==> flow/design.v <==
module alu_mplex_blk (ck, ch, s, result);
  parameter W = 12;
  parameter INPUTS = 5;
  localparam LOGN = $clog2(INPUTS);
  input ck;
  input [INPUTS*W-1:0] ch;
  input [LOGN-1:0] s;
  output [W-1:0] result;
  reg [INPUTS*W-1:0] ch_reg;
  reg [LOGN-1:0] s_reg;
  always @(posedge ck) begin
    ch_reg <= ch;
    s_reg <= s;
  end
  wire [INPUTS-1:0] dec;
  assign dec = {{(INPUTS-1){1'b0}}, 1'b1} << s_reg;
  reg [W-1:0] r;
  integer k;
  always @* begin
    r = 0;
    for (k = 0; k < INPUTS; k = k + 1)
      r = r | (ch_reg[k*W +: W] & {W{dec[k]}});
  end
  assign result = r;
endmodule
# [From RTL to reports: alu_mplex_blk]
# Tool output for the design above, in the order of the flow.
# Line numbers count from 1 in the design file above.
# Library cell names are shortened.
# A cell with n/a has no value.
[design] top_module="alu_mplex_blk" clock_port="ck" cell_library="sky130hd" lib_corner="tt_025C_1v80"

# [Elaborated design]
# Counts by Yosys on the flattened word-level netlist (proc, flatten, opt, wreduce; memories kept). Register bits leave out memories and registers merged into their read ports (data or address); mux counts leave out enables and synchronous resets folded into registers. Print and check cells are left out. Cells with the same type and inputs are merged into one.
[classes] shifts=1 n_logic=9
[op_table] op="AND 12 bit" count=5
[op_table] op="OR 12 bit" count=4
[op_table] op="<< shifter 1 x 3 -> 5 bit (first input constant)" count=1
[bits] reg_bits=63 inputBits=64 out_inout_bits=12 word_cells=12

# [Longest topological paths]
# Depth = most cells in a row (Yosys ltp): at word level without a register or memory, in the mapped netlist without a sequential cell, where the memories' decode and read muxes count.
[depth] depth_word=6 ABC_AREA=0 mapped_depth=5 depth_no_buf=3

# [After synthesis]
# Source: synth_stat.txt of the flow (Yosys; design flattened, memories mapped). It holds for the ABC_AREA given above (unset counts as 0); a run with the other value may have another netlist.
# Totals and module areas in this step are rounded.
[types] type="dfxtp_1" count=63 area_total_um2=1261.21
[types] type="a32oi_1" count=12 area_total_um2=105.101
[types] type="a22oi_1" count=12 area_total_um2=90.086
[types] type="mux2_1" count=7 area_total_um2=78.826
[types] type="o21ai_1" count=12 area_total_um2=60.058
[types] type="mux2_2" count=5 area_total_um2=56.304
[types] type="nor2b_1" count=5 area_total_um2=31.28
[types] type="buf_2" count=3 area_total_um2=15.014
[types] type="buf_6" count=1 area_total_um2=11.261
[types] type="buf_4" count=1 area_total_um2=7.507
[types] type="clkbuf_1" count=2 area_total_um2=7.507
[types] type="nor2_1" count=2 area_total_um2=7.507
[types] type="clkbuf_2" count=1 area_total_um2=5.005
[synth_totals] stdcells=126 area_um2=1740 seq_area_um2=1260 ff_cells=63 n_buf=8

# [Worst setup path after synthesis]
# Path of least setup slack by OpenSTA after synthesis, without wires, with an ideal clock, recovery checks aside; 20% of the period is set as input and as output delay. Where synthesis merged equal registers, the netlist keeps one of their names.
[synth_path] path_type="register to output" start="register s_reg[2]" end="output port result[10]" clock_period_ns=1.77 output_delay_ns=0.354 launch_ns=0.000 t_arrival_ns=1.131 required_ns=1.416 setup_slack_ns=0.285 path_delay_ns=1.131 stages=5 n_path_buf=1 period_less_setup_slack_ns=1.485
# "path_delay_ns" is the arrival time less input delay plus setup time.
# A path that ends at an output port has no setup time.
# "stages": output pins that drive a net of the path, with the launching flip-flop's if there is one; two outputs of one cell count as two.
# "period_less_setup_slack_ns" = period - worst setup slack (recovery checks aside). The figure is calculated, with input and output delays left at 20% of the set period.
# Between the ends stands the longest chain of elaborated cells between them, by number of cells; it is not shown to be the way that was timed. Of several equally long chains one is given.
# A line is the first line of the expression or statement that the cell stems from. Yosys adds cells for indexed reads and writes and turns some case tables into memories.
[synth_via] cell_sequence="dfxtp_1 buf_6 mux2_1 a32oi_1 o21ai_1" elab_chain_cells=6 cone_cells=10 cone_lines=2 cone_classes="shift: 1; logic: 9"
[synth_rtl] element="start, declared" line_no=10 source="reg [LOGN-1:0] s_reg;"
[synth_rtl] element="start, assigned" line_no=13 source="s_reg <= s;"
[synth_rtl] element="<< shifter 1 x 3 -> 5 bit" line_no=16 source="assign dec = {{(INPUTS-1){1'b0}}, 1'b1} << s_reg;"
[synth_rtl] element="AND 12 bit" line_no=22 source="r = r | (ch_reg[k*W +: W] & {W{dec[k]}});"
[synth_rtl] element="OR 12 bit (4 in a row)" line_no=22
[synth_rtl] element="end, declared" line_no=8 source="output [W-1:0] result;"

# [Worst path after layout]
# Path of least setup slack in the final report of stored run 1 (OpenROAD, finished layout, wires in). Where an end is a register, its clock arrival counts in the times.
[layout_path] path_type="register to output" start="register s_reg[2]" end="output port result[7]" clock_period_ns=2.8 output_delay_ns=0.56 launch_ns=0.33 t_arrival_ns=1.66 required_ns=2.24 setup_slack_ns=0.58 stages=7 n_path_buf=3
# Between the ends stands the longest chain of elaborated cells between them, by number of cells; it is not shown to be the way that was timed. Of several equally long chains one is given.
[layout_via] cell_sequence="dfxtp_4 buf_12 buf_16 mux2_4 a32oi_2 o21ai_1 buf_2" elab_chain_cells=6 cone_cells=10 cone_lines=2 cone_classes="shift: 1; logic: 9"
[layout_rtl] element="start, declared" line_no=10 source="reg [LOGN-1:0] s_reg;"
[layout_rtl] element="start, assigned" line_no=13 source="s_reg <= s;"
[layout_rtl] element="<< shifter 1 x 3 -> 5 bit" line_no=16 source="assign dec = {{(INPUTS-1){1'b0}}, 1'b1} << s_reg;"
[layout_rtl] element="AND 12 bit" line_no=22 source="r = r | (ch_reg[k*W +: W] & {W{dec[k]}});"
[layout_rtl] element="OR 12 bit (4 in a row)" line_no=22
[layout_rtl] element="end, declared" line_no=8 source="output [W-1:0] result;"

FLOW RESULTS
============

Measured data: module alu_mplex_blk, platform sky130hd, 3 stored runs of the flow under differing settings, order arbitrary. Input and output delays are each 20% of the period that was set; the output load is 0.01 pF.
"achievedPeriod_ns" = clock period - worst setup slack. The figure is calculated, with input and output delays left at 20% of the set period.
"worst_path_allowed_less_slack_ns" = time allowed to the worst setup path (clock period - input delay - output delay, where it has them) - its slack; a late launch clock adds to it, a late capture clock takes from it.
"total_power_w": no workload was simulated; the value follows from the tool's default switching activity.
Results are given in rounded form.

[flow] stored run 1: files
==> flow/run.sh <==
#!/bin/bash
# the make line also repeats the synthesis and layout settings of config.mk as NAME=value (left out here)
make -C /OpenROAD-flow-scripts/flow DESIGN_CONFIG=/design/flow/config.mk WORK_HOME=/design/flow/orfs CLKGATE_MAP_FILE= finish
==> flow/config.mk <==
export PLATFORM = sky130hd
export DESIGN_NAME = alu_mplex_blk
export DESIGN_NICKNAME = alu_mplex_blk
export VERILOG_FILES = /design/flow/design.v
export SDC_FILE = /design/flow/constraint.sdc
export NUM_CORES = 4
export LEC_CHECK = 0
export CAP_MARGIN = 20
export CORE_ASPECT_RATIO = 0.67
export CORE_MARGIN = 8
export CORE_UTILIZATION = 20
export CTS_CLUSTER_DIAMETER = 60
export PLACE_DENSITY_LB_ADDON = 0.24
export SETUP_SLACK_MARGIN = 0.68
export SLEW_MARGIN = 20
export TNS_END_PERCENT = 40
==> flow/constraint.sdc <==
create_clock -name core_clock -period 2.8 [get_ports {ck}]
set_input_delay 0.5600 -clock core_clock [delete_from_list [all_inputs] [get_ports {ck}]]
set_output_delay 0.5600 -clock core_clock [all_outputs]
set_load 0.01 [all_outputs]

[flow] stored run 1: metrics
[metrics] timing.setup.ws_ns = 0.578
[metrics] total_negative_slack_ns = 0.000
[metrics] achievedPeriod_ns = 2.222
[metrics] worst_path_allowed_less_slack_ns = 1.66
[metrics] worst_path_kind = register to output
[metrics] finish.utilization_pct = 36.9
[metrics] yosys_chip_area_um2 = 1740
[metrics] ws_hold_ns = 0.664
[metrics] total_power_w = 0.00225
[metrics] total_die_area_um2 = 12000

[flow] stored run 2: files
==> flow/run.sh <==
#!/bin/bash
# the make line also repeats the synthesis and layout settings of config.mk as NAME=value (left out here)
make -C /OpenROAD-flow-scripts/flow DESIGN_CONFIG=/design/flow/config.mk WORK_HOME=/design/flow/orfs CLKGATE_MAP_FILE= finish
==> flow/config.mk <==
export PLATFORM = sky130hd
export DESIGN_NAME = alu_mplex_blk
export DESIGN_NICKNAME = alu_mplex_blk
export VERILOG_FILES = /design/flow/design.v
export SDC_FILE = /design/flow/constraint.sdc
export NUM_CORES = 4
export LEC_CHECK = 0
export CAP_MARGIN = 20
export CORE_MARGIN = 2
export CORE_UTILIZATION = 40
export SLEW_MARGIN = 20
==> flow/constraint.sdc <==
create_clock -name core_clock -period 1.77 [get_ports {ck}]
set_input_delay 0.3540 -clock core_clock [delete_from_list [all_inputs] [get_ports {ck}]]
set_output_delay 0.3540 -clock core_clock [all_outputs]
set_load 0.01 [all_outputs]

[flow] stored run 2: metrics
[metrics] timing.setup.ws_ns = -0.161
[metrics] total_negative_slack_ns = -1.31
[metrics] achievedPeriod_ns = 1.931
[metrics] worst_path_allowed_less_slack_ns = 1.58
[metrics] worst_path_kind = register to output
[metrics] finish.utilization_pct = 70.0
[metrics] yosys_chip_area_um2 = 1740
[metrics] ws_hold_ns = 0.460
[metrics] total_power_w = 0.00299
[metrics] total_die_area_um2 = 4880

[flow] stored run 3: files
==> flow/run.sh <==
#!/bin/bash
# the make line also repeats the synthesis and layout settings of config.mk as NAME=value (left out here)
make -C /OpenROAD-flow-scripts/flow DESIGN_CONFIG=/design/flow/config.mk WORK_HOME=/design/flow/orfs CLKGATE_MAP_FILE= finish
==> flow/config.mk <==
export PLATFORM = sky130hd
export DESIGN_NAME = alu_mplex_blk
export DESIGN_NICKNAME = alu_mplex_blk
export VERILOG_FILES = /design/flow/design.v
export SDC_FILE = /design/flow/constraint.sdc
export NUM_CORES = 4
export LEC_CHECK = 0
export ABC_AREA = 0
export CAP_MARGIN = 20
export CORE_ASPECT_RATIO = 1.61
export CORE_MARGIN = 2
export CORE_UTILIZATION = 52
export GPL_ROUTABILITY_DRIVEN = 0
export MAX_ROUTING_LAYER = met4
export MIN_ROUTING_LAYER = met1
export PLACE_DENSITY_LB_ADDON = 0.08
export SETUP_SLACK_MARGIN = 0.07
export SLEW_MARGIN = 35
export TNS_END_PERCENT = 10
==> flow/constraint.sdc <==
create_clock -name core_clock -period 1.79 [get_ports {ck}]
set_input_delay 0.3580 -clock core_clock [delete_from_list [all_inputs] [get_ports {ck}]]
set_output_delay 0.3580 -clock core_clock [all_outputs]
set_load 0.01 [all_outputs]

[flow] stored run 3: metrics
[metrics] timing.setup.ws_ns = -0.415
[metrics] total_negative_slack_ns = -2.89
[metrics] achievedPeriod_ns = 2.205
[metrics] worst_path_allowed_less_slack_ns = 1.85
[metrics] worst_path_kind = register to output
[metrics] finish.utilization_pct = 93.8
[metrics] yosys_chip_area_um2 = 1740
[metrics] ws_hold_ns = 0.447
[metrics] total_power_w = 0.0032
[metrics] total_die_area_um2 = 3830
